==> flow/design.v <==
module dp_barrel_blk (i_clk, RST, d, shamt, dout);
   parameter WIDTH = 8;
   localparam SEL_WIDTH = $clog2(WIDTH);
   input i_clk;
   input RST;
   input [WIDTH-1:0] d;
   input [SEL_WIDTH-1:0] shamt;
   output reg [WIDTH-1:0] dout;
   reg [WIDTH-1:0] d_q;
   reg [SEL_WIDTH-1:0] shamt_q;
   always @(posedge i_clk) begin
      if (RST) begin
         d_q <= 0;
         shamt_q <= 0;
      end else begin
         d_q <= d;
         shamt_q <= shamt;
      end
   end
   wire [2*WIDTH-1:0] nxt = {d_q, d_q} >> shamt_q;
   always @(posedge i_clk) begin
      if (RST) begin
         dout <= 0;
      end else begin
         dout <= nxt[WIDTH-1:0];
      end
   end
endmodule
## From RTL to reports: dp_barrel_blk

What the tools print for dp_barrel_blk, step after step.
Line numbers count from 1 in the design file above.
Library cell names are shortened.
Not given: -

| design | value |
|---|---|
| top | dp_barrel_blk |
| clock input | i_clk |
| cell library | sky130hd |
| library corner | tt_025C_1v80 |

## After elaboration

Counts by Yosys on the flattened word-level netlist (proc, flatten, opt, wreduce; memories kept). Register bits leave out memories and registers merged into their read ports (data or address); mux counts leave out enables and synchronous resets folded into registers. Print and check cells are left out. Cells with the same type and inputs are merged into one.

| operators by class | value |
|---|---|
| shift operators | 1 |

Operators with widths:

| kind | number |
|---|---|
| >> shifter 16 x 3 -> 8 bit | 1 |

| storage and ports | value |
|---|---|
| flip-flop bits (word level) | 19 |
| input bits | 13 |
| output and inout port bits | 8 |
| elaborated cells | 4 |

## Longest topological paths

Depth = most cells in a row (Yosys ltp): at word level without a register or memory, in the mapped netlist without a sequential cell, where the memories' decode and read muxes count.

| logic depth | value |
|---|---|
| depth in word-level cells | 1 |
| ABC_AREA | 0 |
| mapped depth | 4 |
| gate-level depth less buffers | 3 |

## Mapped cells and area

Source: synth_stat.txt of the flow (Yosys; design flattened, memories mapped). It holds for the ABC_AREA given above (unset counts as 0); a run with the other value may have another netlist.

| synthesis totals | value |
|---|---|
| mapped cells | 72 |
| cell area after synthesis | 772.0 um2 |
| sequential area | 380.4 um2 |
| flip-flops | 19 |

Cell types:

| cell type | number | area in all (um2) |
|---|---|---|
| dfxtp_1 | 19 | 380.365 |
| mux2_4 | 8 | 120.115 |
| o22ai_1 | 16 | 100.096 |
| nor2b_1 | 11 | 68.816 |
| nor3_1 | 7 | 35.034 |
| buf_2 | 4 | 20.019 |
| nand2b_1 | 2 | 12.512 |
| buf_6 | 1 | 11.261 |
| nor3_2 | 1 | 10.01 |
| or2_2 | 1 | 6.256 |
| clkbuf_1 | 1 | 3.754 |
| nand2_1 | 1 | 3.754 |

## Timing after synthesis

OpenSTA on the mapped netlist: ideal clock, no wires. The path of least setup slack (recovery checks aside). Input and output delay are each 20% of the period. Register names are those of the netlist, which keeps one name where synthesis merged equal registers.

| path after synthesis | value |
|---|---|
| path type | register -> register |
| from | register shamt_q[2] |
| to | register dout[4] |
| clock period | 1.38 ns |
| setup time | 0.119 ns |
| launch time at the first pin | 0.000 ns |
| arrival | 0.986 ns |
| data required time | 1.261 ns |
| path slack | 0.275 ns |
| delay of the path | 1.105 ns |
| stages on the path | 5 |
| synthesis period reached | 1.105 ns |

"delay of the path" is the arrival time less input delay plus setup time.
"stages on the path" counts driving pins, that of a launching flip-flop among them; a cell with two outputs on the path counts twice.
"synthesis period reached" is the clock period less the worst setup slack; recovery checks do not enter. This is arithmetic on one report: input and output delays are still those of the set period (20% each).
Between the ends stands the longest chain of elaborated cells between them, by number of cells; it is not shown to be the way that was timed. Of several equally long chains one is given.
Each line given opens the expression or statement behind the cell; cells for indexed reads and writes are added by Yosys, which also makes memories of some case tables.

| between the ends, after synthesis | value |
|---|---|
| cells stage by stage | dfxtp_1 -> buf_6 -> mux2_4 -> o22ai_1 -> nor3_2 |
| cells in the longest elaborated chain | 1 |

Ends and longest elaborated chain, after synthesis:

| element | RTL line | RTL |
|---|---|---|
| from (decl) | 10 | `reg [SEL_WIDTH-1:0] shamt_q;` |
| from (assign) | 14 | `shamt_q <= 0;` |
| from (assign) | 17 | `shamt_q <= shamt;` |
| >> shifter 16 x 3 -> 8 bit | 20 | `wire [2*WIDTH-1:0] nxt = {d_q, d_q} >> shamt_q;` |
| to (assign) | 23 | `dout <= 0;` |
| to (assign) | 25 | `dout <= nxt[WIDTH-1:0];` |
| to (decl) | 8 | `output reg [WIDTH-1:0] dout;` |

## Path in the finished layout

Path of least setup slack in the final report of flow run 1 (OpenROAD, finished layout, wires in). Where an end is a register, its clock arrival counts in the times.

| path post-layout | value |
|---|---|
| path type | register -> register |
| from | register shamt_q[2] |
| to | register dout[4] |
| clock period | 1.38 ns |
| setup time | 0.10 ns |
| launch time at the first pin | 0.29 ns |
| arrival | 1.37 ns |
| data required time | 1.56 ns |
| path slack | 0.20 ns |
| stages on the path | 5 |

Between the ends stands the longest chain of elaborated cells between them, by number of cells; it is not shown to be the way that was timed. Of several equally long chains one is given.

| between the ends, post-layout | value |
|---|---|
| cells stage by stage | dfxtp_1 -> buf_12 -> mux2_4 -> o22ai_1 -> nor3_2 |
| cells in the longest elaborated chain | 1 |

Ends and longest elaborated chain, post-layout:

| element | RTL line | RTL |
|---|---|---|
| from (decl) | 10 | `reg [SEL_WIDTH-1:0] shamt_q;` |
| from (assign) | 14 | `shamt_q <= 0;` |
| from (assign) | 17 | `shamt_q <= shamt;` |
| >> shifter 16 x 3 -> 8 bit | 20 | `wire [2*WIDTH-1:0] nxt = {d_q, d_q} >> shamt_q;` |
| to (assign) | 23 | `dout <= 0;` |
| to (assign) | 25 | `dout <= nxt[WIDTH-1:0];` |
| to (decl) | 8 | `output reg [WIDTH-1:0] dout;` |

Appendix: measured runs

Top module dp_barrel_blk; platform sky130hd; tools Yosys and OpenROAD; 3 stored runs in no particular order. Input and output delays are each 20% of the period that was set; the output load is 0.01 pF.
"achieved clock period" is the run's clock period less its worst setup slack. It is reckoned from that one timing run; input and output delays stay at 20% of the period that was set.
By "time of the worst setup path" is meant the share of the clock period that the worst setup path is allowed (20% is reserved at inputs, 20% at outputs), minus its slack. Clock arrival times at its registers enter into it.
"total power of the final layout" rests on the timing tool's default activity at the inputs, not on a simulated workload.

#### Flow run 1

| setting | value |
|---|---|
| period_ns | `1.38` |
| CAP_MARGIN | `20` |
| CORE_MARGIN | `2` |
| CORE_UTILIZATION | `40` |
| SLEW_MARGIN | `20` |

| result | value |
|---|---|
| post-synthesis cell area | 772.0 um2 |
| total power of the final layout | 1,066 µW |
| achieved clock period | 1.183 ns |
| time of the worst setup path | 1.18 ns |
| worst path kind | register -> register |
| setup slack of the worst path | 0.197 ns |
| standard-cell area of the final layout | 1,012.2 um2 |
| die size | 2,297.3 um2 |

#### Flow run 2

| setting | value |
|---|---|
| period_ns | `1.48` |
| CORE_UTILIZATION | `42` |
| SETUP_SLACK_MARGIN | `0.35` |
| PLACE_DENSITY_LB_ADDON | `0.29` |
| CORE_ASPECT_RATIO | `1.45` |
| CELL_PAD_IN_SITES_GLOBAL_PLACEMENT | `3` |
| CELL_PAD_IN_SITES_DETAIL_PLACEMENT | `2` |
| GPL_ROUTABILITY_DRIVEN | `0` |
| SLEW_MARGIN | `35` |
| MIN_ROUTING_LAYER | `met1` |
| CAP_MARGIN | `20` |
| CORE_MARGIN | `2` |

Not finished: placement ended with error FLW-0024.

#### Flow run 3

| setting | value |
|---|---|
| period_ns | `1.18` |
| CORE_UTILIZATION | `33` |
| PLACE_DENSITY | `0.62` |
| CORE_MARGIN | `5` |
| CELL_PAD_IN_SITES_GLOBAL_PLACEMENT | `2` |
| CELL_PAD_IN_SITES_DETAIL_PLACEMENT | `0` |
| TNS_END_PERCENT | `35` |
| GPL_TIMING_DRIVEN | `1` |
| GPL_ROUTABILITY_DRIVEN | `1` |
| CTS_CLUSTER_SIZE | `60` |
| CTS_CLUSTER_DIAMETER | `98` |
| CAP_MARGIN | `15` |
| SLEW_MARGIN | `25` |
| MAX_ROUTING_LAYER | `met5` |

| result | value |
|---|---|
| post-synthesis cell area | 772.0 um2 |
| total power of the final layout | 1,263 µW |
| achieved clock period | 1.150 ns |
| time of the worst setup path | 1.15 ns |
| worst path kind | register -> register |
| setup slack of the worst path | 0.030 ns |
| standard-cell area of the final layout | 1,043.5 um2 |
| die size | 3,406.5 um2 |
